==> flow/design.v <==
module word #(parameter N = 8) (
  input wire clk,
  input wire en,
  input wire [N-1:0] d,
  output reg [N-1:0] q
);
  always @(posedge clk)
    if (en) q <= d;
endmodule
module sync_mem_v2 #(
  parameter NUM_REGS = 32,
  parameter WIDTH = 8,
  parameter NR = 8,
  parameter AWIDTH = $clog2(NUM_REGS)
) (
  input  ck,
  input  rst_i,
  input  in_wr_en,
  input  [AWIDTH-1:0] in_waddr,
  input  [WIDTH-1:0] in_write_data,
  input  [NR*AWIDTH-1:0] in_raddr,
  output [NR*WIDTH-1:0] out_dout
);
  reg wr_en_reg;
  reg [AWIDTH-1:0] waddr_reg;
  reg [WIDTH-1:0] write_data_reg;
  always @(posedge ck or posedge rst_i) begin
    if (rst_i) begin
      wr_en_reg <= 1'b0;
      waddr_reg <= 0;
      write_data_reg <= 0;
    end else begin
      wr_en_reg <= in_wr_en;
      waddr_reg <= in_waddr;
      write_data_reg <= in_write_data;
    end
  end
  wire [NUM_REGS*WIDTH-1:0] regs;
  genvar i;
  generate
    for (i = 0; i < NUM_REGS; i = i + 1) begin : each
      word #(.N(WIDTH)) i_sub (.clk(ck), .en(wr_en_reg && waddr_reg == i), .d(write_data_reg), .q(regs[i*WIDTH +: WIDTH]));
    end
  endgenerate
  reg [NR*AWIDTH-1:0] raddr_reg;
  always @(posedge ck or posedge rst_i) begin
    if (rst_i) begin
      raddr_reg <= 0;
    end else begin
      raddr_reg <= in_raddr;
    end
  end
  wire [NR*WIDTH-1:0] tmp;
  genvar j;
  generate
    for (j = 0; j < NR; j = j + 1) begin : gen
      assign tmp[j*WIDTH +: WIDTH] = regs[raddr_reg[j*AWIDTH +: AWIDTH]*WIDTH +: WIDTH];
    end
  endgenerate
  assign out_dout = tmp;
endmodule
Reports on sync_mem_v2
What the tools print for sync_mem_v2, step after step.
Line numbers count from 1 in the design file above.
Operators: Yosys type, input widths -> output width; for muxes data width and select width s.
Cell names lack the library's common part.
Not given: n/a
- design top: sync_mem_v2
- clock: ck
- library: sky130hd
- corner: tt_025C_1v80

Word-level counts
Yosys after proc, flatten, opt, wreduce and memory -nomap, before mapping. Enables and synchronous resets that opt folds into registers are not counted as muxes. Memory bits, and registers merged into a memory's read port (data or address), are not among the register bits. Print and check cells are not counted. Equal cells are merged and count once.
- flip-flop bits (word level) at 310
- noted input port bits: 56
- output and inout port bits at 64
- elaborated cells at 108
- noted equal/unequal tests: 31
- noted shift operators: 8
- reductions and logical operators: 33
- operator list (cell ; number):
    $shiftx 256x9->8 ; 8
    $eq 5x5->1 const B ; 16
    $eq 5x4->1 const B ; 8
    $logic_and 1x1->1 ; 32
    $eq 5x3->1 const B ; 4
    $eq 5x2->1 const B ; 2
    $eq 5x1->1 const B ; 1
    $logic_not 5->1 ; 1

Depth
Yosys ltp: most cells in a row. Word level: on the elaborated netlist, between registers, memories and ports. Mapped: between sequential cells and ports; inverters and the memories' decode and read muxes count.
- noted word-level depth: 2
- ABC_AREA at 0
- mapped depth: 5
- depth with buffers taken out at 3

After synthesis
The flow's flattened synthesis, as Yosys stat reports it; memories are mapped. The netlist is that of the ABC_AREA named above (0 if unset); the other value can give another one.
- noted standard cells after synthesis: 1218
- cell area after synthesis at 0.0252117 mm²
- noted sequential area: 0.0090387 mm²
- noted mapped flip-flops: 310
- noted buffers: 155
- cells by type (cell ; number ; area in all (µm²)):
    mux4_2 ; 640 ; 1.44E+04
    edfxtp_1 ; 256 ; 7.69E+03
    dfrtp_1 ; 54 ; 1.35E+03
    mux2_2 ; 64 ; 720.691
    buf_4 ; 48 ; 360.346
    buf_1 ; 57 ; 213.955
    clkbuf_1 ; 34 ; 127.622
    nor2_1 ; 33 ; 123.869
    buf_6 ; 8 ; 90.086
    buf_2 ; 8 ; 40.038
    nand3_1 ; 4 ; 20.019
    nor2b_1 ; 3 ; 18.768
    nand2_1 ; 4 ; 15.014
    nand2b_1 ; 2 ; 12.512
    nand4_1 ; 1 ; 6.256
    or2_2 ; 1 ; 6.256
    inv_1 ; 1 ; 3.754
By module: a second synthesis without flattening, with its own total; a netlist apart from the flattened one above.
- cells (unflattened synthesis) at 1218
- area total of the unflattened synthesis: 0.0252117 mm²
Each row is one instance without its submodules.
- by module (module ; instances ; cells ; area (mm²) ; seq. area (mm²)):
    sync_mem_v2 ; 1 ; 962 ; 0.0175243 ; 0.0013513
    word #(N=8) ; 32 ; 8 ; 0.0002402 ; 0.0002402

Worst setup path after synthesis
OpenSTA on the mapped netlist: ideal clock, no wires. The path of least setup slack (recovery checks aside). Input and output delay are each 20% of the period. Register names are those of the netlist, which keeps one name where synthesis merged equal registers.
- path kind: register to output
- start point: reg raddr_reg[17]
- end point: out out_dout[24]
- period at 3.17 ns
- output delay at 0.634 ns
- time at the first pin at 0.000 ns
- noted arrival time: 2.029 ns
- required time at 2.536 ns
- path slack at 0.507 ns
- delay of the path at 2.029 ns
- noted stages: 6
- path buffers: 2
- noted synthesis period reached: 2.663 ns
"delay of the path" = arrival - input delay + setup time.
At an output port there is no setup time.
"stages" counts driving pins, that of a launching flip-flop among them; a cell with two outputs on the path counts twice.
"synthesis period reached" = period - worst setup slack (recovery checks aside). The figure is calculated, with input and output delays left at 20% of the set period.
The rows between start and end are the longest chain of elaborated cells between them; the timing report does not say that the signal goes this way. Where chains are equally long, one stands for them.
Each line given opens the expression or statement behind the cell; cells for indexed reads and writes are added by Yosys, which also makes memories of some case tables.
- path through: dfrtp_1 -> clkbuf_1 -> buf_1 -> mux4_2 -> mux4_2 -> mux2_2
- noted length of the longest elaborated chain: 1
- elaborated cells between the ends (all ways): 1
- RTL lines with such cells: 1
- classes of those cells: shift (1)
- ends and longest elaborated chain, post-synthesis (element ; RTL line ; text):
    start, declared ; 45 ; reg [NR*AWIDTH-1:0] raddr_reg;
    start, assigned ; 48 ; raddr_reg <= 0;
    start, assigned ; 50 ; raddr_reg <= in_raddr;
    $shiftx 256x9->8 ; 57 ; assign tmp[j*WIDTH +: WIDTH] = regs[raddr_reg[j*AWIDTH +: AWIDTH]*WIDTH +: WIDTH];
    end, declared ; 22 ; output [NR*WIDTH-1:0] out_dout

Worst path after layout
From the final timing report of flow run A: the path of least setup slack in the routed layout; clock arrival at registers is part of the times.
- path kind: register to output
- start point: reg raddr_reg[15]
- end point: out out_dout[24]
- period at 3.17 ns
- output delay at 0.63 ns
- time at the first pin at 0.58 ns
- noted arrival time: 2.95 ns
- required time at 2.54 ns
- path slack at -0.42 ns
- noted stages: 8
- path buffers: 4
The rows between start and end are the longest chain of elaborated cells between them; the timing report does not say that the signal goes this way. Where chains are equally long, one stands for them.
- path through: dfrtp_4 -> buf_12 -> buf_12 -> buf_8 -> mux4_2 -> mux4_2 -> mux2_4 -> buf_6
- noted length of the longest elaborated chain: 1
- elaborated cells between the ends (all ways): 1
- RTL lines with such cells: 1
- classes of those cells: shift (1)
- ends and longest elaborated chain, post-layout (element ; RTL line ; text):
    start, declared ; 45 ; reg [NR*AWIDTH-1:0] raddr_reg;
    start, assigned ; 48 ; raddr_reg <= 0;
    start, assigned ; 50 ; raddr_reg <= in_raddr;
    $shiftx 256x9->8 ; 57 ; assign tmp[j*WIDTH +: WIDTH] = regs[raddr_reg[j*AWIDTH +: AWIDTH]*WIDTH +: WIDTH];
    end, declared ; 22 ; output [NR*WIDTH-1:0] out_dout

==> results <==
Stored flow runs of sync_mem_v2 (3 of them; Yosys, OpenROAD, sky130hd). They differ in their settings and are not a sequence. Constraints: input delay and output delay 20% of the set period each, output load 0.01 pF.
"achieved clock period" = clock period - worst setup slack. The figure is calculated, with input and output delays left at 20% of the set period.
"worst setup path time" is the time allowed to the run's worst setup path (the clock period less input and output delay, where it has them) less its slack. Clock arrival times count: a late capture clock shortens it, a late launch clock lengthens it.
"total power after layout": no workload was simulated; the value follows from the tool's default switching activity.

Flow run A
Settings were period_ns = 3.17; CAP_MARGIN = 20; CORE_MARGIN = 2; CORE_UTILIZATION = 40; SLEW_MARGIN = 20
- noted the cell area after synthesis: 0.0252117 mm²
- die footprint: 0.0650531 mm²
- noted the standard-cell area after routing: 0.0322159 mm²
- noted the utilization: 51.4%
- worst setup slack after layout: -0.416 ns
- summed negative setup slack at -20.237 ns
- noted the total power after layout: 0.012557 W
- achieved clock period: 3.586 ns
- worst setup path time at 2.95 ns
- worst path kind: register to output

Flow run B
Settings were period_ns = 3.49; CORE_UTILIZATION = 52; SETUP_SLACK_MARGIN = 0.16; PLACE_DENSITY_LB_ADDON = 0.07; CELL_PAD_IN_SITES_DETAIL_PLACEMENT = 0; ABC_AREA = 0; CTS_CLUSTER_DIAMETER = 28; CAP_MARGIN = 20; CORE_MARGIN = 2; SLEW_MARGIN = 20
- noted the cell area after synthesis: 0.0252117 mm²
- die footprint: 0.0502612 mm²
- noted the standard-cell area after routing: 0.0337837 mm²
- noted the utilization: 70.6%
- worst setup slack after layout: -0.203 ns
- summed negative setup slack at -7.408 ns
- noted the total power after layout: 0.014776 W
- achieved clock period: 3.693 ns
- worst setup path time at 2.99 ns
- worst path kind: register to output

Flow run C
Settings were period_ns = 2.28; CORE_UTILIZATION = 47; PLACE_DENSITY = 0.43; CTS_CLUSTER_SIZE = 39; CTS_CLUSTER_DIAMETER = 155; MIN_ROUTING_LAYER = met1; CAP_MARGIN = 20; CORE_MARGIN = 2; SLEW_MARGIN = 20
- noted the cell area after synthesis: 0.0252117 mm²
- die footprint: 0.0555097 mm²
- noted the standard-cell area after routing: 0.0322885 mm²
- noted the utilization: 61.2%
- worst setup slack after layout: -1.113 ns
- summed negative setup slack at -64.671 ns
- noted the total power after layout: 0.013921 W
- achieved clock period: 3.393 ns
- worst setup path time at 2.94 ns
- worst path kind: register to output
